==> flow/design.v <==
module u_shifter_v2 #(
  parameter int NBITS = 64,
  parameter int SEL_W = $clog2(NBITS)
) (
  input  logic clk,
  input  logic [NBITS-1:0] din_i,
  input  logic [SEL_W-1:0] by_i,
  output logic [NBITS-1:0] o_o
);
  logic [NBITS-1:0] r_din;
  logic [SEL_W-1:0] r_by;
  always_ff @(posedge clk) begin
    r_din <= din_i;
    r_by <= by_i;
  end
  wire [NBITS-1:0] lvl [0:SEL_W];
  assign lvl[0] = r_din;
  generate
    for (genvar i = 0; i < SEL_W; i++) begin : gen
      assign lvl[i+1] = r_by[i] ? (lvl[i] << (1 << i)) | (lvl[i] >> (NBITS - (1 << i))) : lvl[i];
    end
  endgenerate
  assign o_o = lvl[SEL_W];
endmodule
# From RTL to reports: u_shifter_v2
# The steps from the RTL of u_shifter_v2 to its reports follow in flow order.
# Line numbers count from 1 in the design file above.
# Operators: Yosys type, input widths -> output width; for muxes data width and select width s.
# Library cell names are shortened.
# A cell with - has no value.
dict set report design {
  top {u_shifter_v2}
  clock_port {clk}
  library {sky130hd}
  pvt_corner {tt_025C_1v80}
}

# Word level
# Yosys after proc, flatten, opt, wreduce and memory -nomap, before mapping. Enables and synchronous resets that opt folds into registers are not counted as muxes. Print and check cells are not counted. Equal cells are merged and count once.
dict set report word_totals {
  reg_bits 70
  inputBits 71
  out_inout_bits 64
  wordCells 14
}
dict set report op_classes {
  mux 6
  logic 6
}
# cell count
set ops {}
lappend ops {{$mux 64} 6}
lappend ops {{$or 64x1->64} 1}
lappend ops {{$or 64x16->64} 1}
lappend ops {{$or 64x2->64} 1}
lappend ops {{$or 64x32->64} 1}
lappend ops {{$or 64x4->64} 1}
lappend ops {{$or 64x8->64} 1}

# Longest topological paths
# Longest topological path by Yosys (ltp), each cell counted once; first at word level (registers and memories cut), then after technology mapping (sequential cells cut; the memories' decode and read muxes count).
dict set report depth {
  word_depth 12
  ABC_AREA 0
  mapped_depth 5
  mapped_depth_nobuf 3
}

# Synthesis result
# Source: synth_stat.txt of the flow (Yosys; design flattened, memories mapped). It holds for the ABC_AREA given above (unset counts as 0); a run with the other value may have another netlist.
# Totals and module areas in this step are rounded.
dict set report mapped {
  mapped_cells 304
  mapped_area_um2 6000
  seq_area_um2 1400
  ffs 70
  buf_cells 42
}
# type count area_total_um2
set types {}
lappend types {mux4_2 188 4.23E+03}
lappend types {dfxtp_1 70 1.4E+03}
lappend types {buf_12 6 120.115}
lappend types {mux4_1 4 105.101}
lappend types {clkbuf_1 24 90.086}
lappend types {buf_1 8 30.029}
lappend types {buf_2 3 15.014}
lappend types {buf_6 1 11.261}

# Worst setup path after synthesis
# Source: OpenSTA report_checks on the synthesized netlist (no wires, ideal clock, input and output delay 20% of the period each), path of least setup slack; recovery checks are left aside. Register names are those of the netlist, which keeps one name where synthesis merged equal registers.
dict set report synth_path {
  path_type {register to output}
  startpoint {register r_by[3]}
  endpoint {output o_o[12]}
  clock_period_ns 3.62
  out_delay_ns 0.724
  launch_ns 0.000
  t_arrival_ns 2.318
  required_time_ns 2.896
  slack_ns 0.578
  delay_ns 2.318
  path_stages 6
  path_buffers 2
  synth_period_reached_ns 3.042
}
# "delay_ns" = arrival - input delay + setup time.
# A path that ends at an output port has no setup time.
# "path_stages": output pins that drive a net of the path, with the launching flip-flop's if there is one; two outputs of one cell count as two.
# "synth_period_reached_ns" = period - worst setup slack (recovery checks aside). The figure is calculated, with input and output delays left at 20% of the set period.
# The rows between start and end are the longest chain of elaborated cells between them; the timing report does not say that the signal goes this way. Where chains are equally long, one stands for them.
# A line is the first line of the expression or statement that the cell stems from. Yosys adds cells for indexed reads and writes and turns some case tables into memories.
dict set report synth_between {
  cell_sequence {dfxtp_1 > clkbuf_1 > clkbuf_1 > mux4_2 > mux4_2 > mux4_2}
  elab_chain_cells 5
  cells_between 5
  lines_between 1
  cone_classes {mux: 3; logic: 2}
}
# item line_no
set synth_rtl {}
lappend synth_rtl {{from (decl)} 11} ;# logic [SEL_W-1:0] r_by;
lappend synth_rtl {{from (assign)} 14} ;# r_by <= by_i;
lappend synth_rtl {{$mux 64} 20} ;# assign lvl[i+1] = r_by[i] ? (lvl[i] << (1 << i)) | (lvl[i] >> (NBITS - (1 << i))) : lvl[i];
lappend synth_rtl {{$or 64x16->64} 20}
lappend synth_rtl {{$mux 64} 20}
lappend synth_rtl {{$or 64x32->64} 20}
lappend synth_rtl {{$mux 64} 20}
lappend synth_rtl {{to (decl)} 8} ;# output logic [NBITS-1:0] o_o

# Timing after layout
# From the final timing report of stored run 1: the path of least setup slack in the routed layout; clock arrival at registers is part of the times.
dict set report layout_path {
  path_type {register to output}
  startpoint {register r_by[0]}
  endpoint {output o_o[41]}
  clock_period_ns 3.62
  out_delay_ns 0.72
  launch_ns 0.33
  t_arrival_ns 2.90
  required_time_ns 2.90
  slack_ns -0.01
  path_stages 9
  path_buffers 5
}
# The rows between start and end are the longest chain of elaborated cells between them; the timing report does not say that the signal goes this way. Where chains are equally long, one stands for them.
dict set report layout_between {
  cell_sequence {dfxtp_4 > buf_12 > buf_8 > mux4_2 > buf_6 > mux4_2 > buf_6 > mux4_2 > buf_6}
  elab_chain_cells 11
  cells_between 11
  lines_between 1
  cone_classes {mux: 6; logic: 5}
}
# item line_no
set layout_rtl {}
lappend layout_rtl {{from (decl)} 11} ;# logic [SEL_W-1:0] r_by;
lappend layout_rtl {{from (assign)} 14} ;# r_by <= by_i;
lappend layout_rtl {{$mux 64} 20} ;# assign lvl[i+1] = r_by[i] ? (lvl[i] << (1 << i)) | (lvl[i] >> (NBITS - (1 << i))) : lvl[i];
lappend layout_rtl {{$or 64x2->64} 20}
lappend layout_rtl {{$mux 64} 20}
lappend layout_rtl {{$or 64x4->64} 20}
lappend layout_rtl {{$mux 64} 20}
lappend layout_rtl {{$or 64x8->64} 20}
lappend layout_rtl {{$mux 64} 20}
lappend layout_rtl {{$or 64x16->64} 20}
lappend layout_rtl {{$mux 64} 20}
lappend layout_rtl {{$or 64x32->64} 20}
lappend layout_rtl {{$mux 64} 20}
lappend layout_rtl {{to (decl)} 8} ;# output logic [NBITS-1:0] o_o

# Measured results for u_shifter_v2: 3 stored runs of the Yosys and OpenROAD flow on sky130hd. The settings differ; the order carries no meaning. The constraints put input and output delay at 20% of the set period each and load the outputs with 0.01 pF.
# "timing.achieved_period_ns" means the clock period less the worst setup slack. The figure is calculated, with input and output delays left at 20% of the set period.
# By "worstPathTime_ns" is meant the share of the clock period that the worst setup path is allowed (20% is reserved at inputs, 20% at outputs), minus its slack. Clock arrival times at its registers enter into it.
# "power_mw" is the tool's figure for a default switching activity; nothing was simulated.
# The results are shown rounded.
run="stored run 1" settings period_ns=3.62 CAP_MARGIN=20 CORE_MARGIN=2 CORE_UTILIZATION=40 SLEW_MARGIN=20
run="stored run 1" results ys_area_um2=6000 design_die_area_um2=16000 timing.achieved_period_ns=3.628 setup_tns_ns=-0.013 worstSetupSlack_ns=-0.008 worstPathTime_ns=2.90 path_kind="register to output" ws_hold_ns=0.83 layout_stdcell_area_um2=8400 power_mw=3.2 finalUtil_frac=0.58
run="stored run 2" settings period_ns=3.05 CORE_UTILIZATION=27 PLACE_DENSITY_LB_ADDON=0.05 CELL_PAD_IN_SITES_GLOBAL_PLACEMENT=1 TNS_END_PERCENT=30 GPL_ROUTABILITY_DRIVEN=0 SLEW_MARGIN=0 MAX_ROUTING_LAYER="met4" CAP_MARGIN=20 CORE_MARGIN=2
run="stored run 2" results ys_area_um2=6000 design_die_area_um2=23000 timing.achieved_period_ns=3.612 setup_tns_ns=-31 worstSetupSlack_ns=-0.56 worstPathTime_ns=3.00 path_kind="register to output" ws_hold_ns=0.71 layout_stdcell_area_um2=8700 power_mw=3.9 finalUtil_frac=0.4
run="stored run 3" settings period_ns=4.72 CORE_UTILIZATION=34 PLACE_DENSITY_LB_ADDON=0.07 CELL_PAD_IN_SITES_DETAIL_PLACEMENT=2 ABC_AREA=0 SLEW_MARGIN=10 MAX_ROUTING_LAYER="met4" CAP_MARGIN=20 CORE_MARGIN=2
run="stored run 3" results ys_area_um2=6000 design_die_area_um2=19000 timing.achieved_period_ns=4.375 setup_tns_ns=0.000 worstSetupSlack_ns=0.34 worstPathTime_ns=3.43 path_kind="register to output" ws_hold_ns=1.0 layout_stdcell_area_um2=7900 power_mw=2.5 finalUtil_frac=0.45
